==> flow/design.v <==
module alu_mux_mod #(
  parameter XLEN = 2,
  parameter N = 48,
  parameter LG = $clog2(N)
) (
  input wire i_clk,
  input wire aresetn,
  input wire adv,
  input wire [N*XLEN-1:0] din,
  input wire [LG-1:0] sel,
  output reg [XLEN-1:0] result
);
  reg [N*XLEN-1:0] din_r;
  reg [LG-1:0] sel_r;
  wire [XLEN-1:0] opt [0:N-1];
  genvar gi;
  generate
    for (gi = 0; gi < N; gi = gi + 1) begin : gen
      assign opt[gi] = din_r[gi*XLEN +: XLEN];
    end
  endgenerate
  always @(posedge i_clk or negedge aresetn) begin
    if (!aresetn) begin
      din_r <= 0;
      sel_r <= 0;
      result <= 0;
    end else if (adv) begin
      din_r <= din;
      sel_r <= sel;
      result <= opt[sel_r];
    end
  end
endmodule
; Tool chain data of alu_mux_mod
; A sweep over "XLEN": the same steps for each member of the family.
; The RTL above is that of XLEN 2; lines are counted from 1 in the file of the member named.
; Cell names lack the library's common part.
; The mark n/a stands for no value.
[inputs]
top_module = alu_mux_mod
clock_port = i_clk
cell_library = sky130hd
pvt_corner = tt_025C_1v80

; Members of the sweep
; Lines of each other member's file that are new or changed against the file above; lines that a member lacks are not shown.
[changed_lines]
columns = XLEN, line_no
row1 = 3, 2  ; parameter XLEN = 3,
row2 = 12, 2  ; parameter XLEN = 12,

; After elaboration
; Yosys after proc, flatten, opt, wreduce and memory -nomap, before mapping. Print and check cells are not counted. Equal cells are merged and count once.
[bits]
columns = XLEN, clocked_rd_ports_x_width, output_inout_bits, mem_bits_ro, mem_count, latch_bits, ff_bits, ram_bits, input_bits
row1 = 2, 0, 2, 0, 0, 0, 104, 0, 105
row2 = 3, 0, 3, 0, 0, 0, 153, 0, 153
row3 = 12, 0, 12, 0, 0, 0, 594, 0, 585
[op_classes]
columns = XLEN, reduce_logical, n_mul, muxes, n_eq, shifts, n_addsub, compare, n_div, n_logic
row1 = 2, 1, 0, 1, 47, 0, 0, 0, 0, 0
row2 = 3, 1, 0, 1, 47, 0, 0, 0, 0, 0
row3 = 12, 1, 0, 1, 47, 0, 0, 0, 0, 0
[op_table]
columns = XLEN, op_list
row1 = 2, equality test 6 x 5 -> 1 bit with constant B (16); equality test 6 bit with constant B (16); case mux 2 bit (select 48 bit) (1); equality test 6 x 4 -> 1 bit with constant B (8); equality test 6 x 3 -> 1 bit with constant B (4); equality test 6 x 2 -> 1 bit with constant B (2); equality test 6 x 1 -> 1 bit with constant B (1); logical NOT 6 bit (1)
row2 = 3, case mux 3 bit (select 48 bit) (1); equality test 6 x 5 -> 1 bit with constant B (16); equality test 6 bit with constant B (16); equality test 6 x 4 -> 1 bit with constant B (8); equality test 6 x 3 -> 1 bit with constant B (4); equality test 6 x 2 -> 1 bit with constant B (2); equality test 6 x 1 -> 1 bit with constant B (1); logical NOT 6 bit (1)
row3 = 12, case mux 12 bit (select 48 bit) (1); equality test 6 x 5 -> 1 bit with constant B (16); equality test 6 bit with constant B (16); equality test 6 x 4 -> 1 bit with constant B (8); equality test 6 x 3 -> 1 bit with constant B (4); equality test 6 x 2 -> 1 bit with constant B (2); equality test 6 x 1 -> 1 bit with constant B (1); logical NOT 6 bit (1)

; Logic depth
; Yosys ltp: most cells in a row. Word level: on the elaborated netlist, between registers, memories and ports. Mapped: between sequential cells and ports; inverters and the memories' decode and read muxes count.
[logic_depth]
columns = XLEN, word_depth, abc_area, ltp_mapped, ltp_nobuf
row1 = 2, 2, 0, 10, 6
row2 = 3, 2, 0, 9, 6
row3 = 12, 2, 0, 10, 6

; Mapped cells and area
; Source: synth_stat.txt of the flow (Yosys; design flattened, memories mapped). It holds for the ABC_AREA given above (unset counts as 0); a run with the other value may have another netlist.
; Totals and module areas in this step are rounded.
[by_type]
columns = XLEN, type_list
row1 = 2, dfrtp_1 (104); mux2_2 (104); o21ai_0 (15); nand2_1 (19); a22oi_1 (9); buf_2 (13); mux2i_1 (6); buf_6 (5); a22o_1 (6); clkbuf_1 (14); nor2_1 (13); nand3_1 (9); nand3b_1 (6); a31oi_1 (7); nor2b_1 (7); a21oi_1 (8); nand2b_1 (6); nand4_1 (5); (+53)
row2 = 3, dfrtp_1 (153); mux2_2 (154); mux2i_1 (14); o21ai_0 (22); nand2_1 (29); a31oi_1 (15); buf_2 (18); clkbuf_1 (23); nand3_1 (17); nand3b_1 (9); a21oi_1 (13); and3_1 (9); a22o_1 (6); a22oi_1 (7); nor2_1 (13); mux4_2 (2); nor3b_1 (6); nor2b_1 (7); (+79)
row3 = 12, dfrtp_1 (594); mux2_2 (584); a22oi_1 (148); clkbuf_1 (85); and3_1 (41); mux2i_1 (25); buf_6 (19); a22o_1 (24); nand4_1 (32); a32oi_1 (22); nand2_1 (42); nor2_1 (42); a221oi_1 (15); nor4_1 (18); nand3_1 (22); a21oi_1 (20); a2111oi_2 (6); o21ai_0 (18); (+166)
; The mark (+n) counts cells that are not listed.
[synth_totals]
columns = XLEN, buffers, area_um2, stdcells, ff_cells, sequential_area_um2
row1 = 2, 33, 5040, 409, 104, 2600
row2 = 3, 48, 7350, 596, 153, 3830
row3 = 12, 127, 26500, 1923, 594, 14900

; Path before layout
; OpenSTA on the mapped netlist: ideal clock, no wires. The path of least setup slack (recovery checks aside). Input and output delay are each 20% of the period. Register names are those of the netlist, which keeps one name where synthesis merged equal registers.
[synth_timing]
columns = XLEN, path_type, start, end, clock_period_ns, path_delay_ns, slack_ns, path_stages, period_less_setup_slack_ns
row1 = 2, reg-to-reg, register sel_r[4], register result[1], 2.2, 1.759, 0.441, 9, 1.759
row2 = 3, reg-to-reg, register sel_r[0], register result[0], 2.35, 1.882, 0.467, 9, 1.883
row3 = 12, reg-to-reg, register sel_r[5], register result[11], 2.49, 1.990, 0.500, 10, 1.99
; "path_delay_ns" is the arrival time less input delay plus setup time.
; "path_stages" counts driving pins, that of a launching flip-flop among them; a cell with two outputs on the path counts twice.
; "period_less_setup_slack_ns" = period - worst setup slack (recovery checks aside). The figure is calculated, with input and output delays left at 20% of the set period.
; The rows between start and end are the longest chain of elaborated cells between them; the timing report does not say that the signal goes this way. Where chains are equally long, one stands for them.
; A line is the first line of the expression or statement that the cell stems from. Yosys adds cells for indexed reads and writes and turns some case tables into memories.
[synth_via_XLEN_2]
elab_chain_len = 2
[synth_lines_XLEN_2]
columns = item, line_no
row1 = start: declaration, 14  ; reg [LG-1:0] sel_r;
row2 = start: assignment, 25  ; sel_r <= 0;
row3 = start: assignment, 29  ; sel_r <= sel;
row4 = equality test 6 bit, 30  ; result <= opt[sel_r];
row5 = case mux 2 bit (select 48 bit), 30
row6 = end: assignment, 26  ; result <= 0;
row7 = end: assignment, 30
row8 = end: declaration, 11  ; output reg [XLEN-1:0] result
[synth_via_XLEN_12]
elab_chain_len = 2
[synth_lines_XLEN_12]
columns = item, line_no
row1 = start: declaration, 14  ; reg [LG-1:0] sel_r;
row2 = start: assignment, 25  ; sel_r <= 0;
row3 = start: assignment, 29  ; sel_r <= sel;
row4 = equality test 6 bit, 30  ; result <= opt[sel_r];
row5 = case mux 12 bit (select 48 bit), 30
row6 = end: assignment, 26  ; result <= 0;
row7 = end: assignment, 30
row8 = end: declaration, 11  ; output reg [XLEN-1:0] result

; Timing after layout
; From the final timing report of each member's run: the path of least setup slack in the routed layout; clock arrival at registers is part of the times.
[layout_timing]
columns = XLEN, path_type, start, end, n_path_buf, slack_ns, clock_period_ns, arrival_ns, path_stages
row1 = 2, reg-to-reg, register sel_r[0], register result[0], 1, 0.21, 2.2, 2.22, 7
row2 = 3, reg-to-reg, register sel_r[1], register result[0], 2, 0.17, 2.35, 2.51, 9
row3 = 12, reg-to-reg, register sel_r[1], register result[11], 2, -0.05, 2.49, 3.01, 9

; Layout results
; Settings and results of one run of the flow (Yosys, OpenROAD) for each member follow. The constraints put input and output delay at 20% of the set period each and load the outputs with 0.01 pF.
[settings]
CAP_MARGIN = 20
CORE_MARGIN = 2
CORE_UTILIZATION = 40
SLEW_MARGIN = 20
[settings_diff]
columns = XLEN, period_ns
row1 = 2, 2.2
row2 = 3, 2.35
row3 = 12, 2.49
[results]
columns = XLEN, dieArea_um2, achieved_period_ns, util_frac, post_route_stdcell_area_um2, ws_setup_ns, yosys.chip_area_um2, total_power_mw, setup_tns_ns
row1 = 2, 13500, 1.990, 0.536, 6680, 0.210, 5040, 4.67, 0.000
row2 = 3, 19500, 2.184, 0.547, 9860, 0.166, 7350, 7.13, 0.000
row3 = 12, 68400, 2.538, 0.583, 38300, -0.048, 26500, 26.1, -0.048
; "achieved_period_ns" = clock period - worst setup slack. The figure is calculated, with input and output delays left at 20% of the set period.
; By "total_power_mw" is meant OpenSTA's value without simulated activity: inputs other than the clock are taken to toggle once in ten clock periods, and the tool carries that through the logic.
; The results are shown rounded.
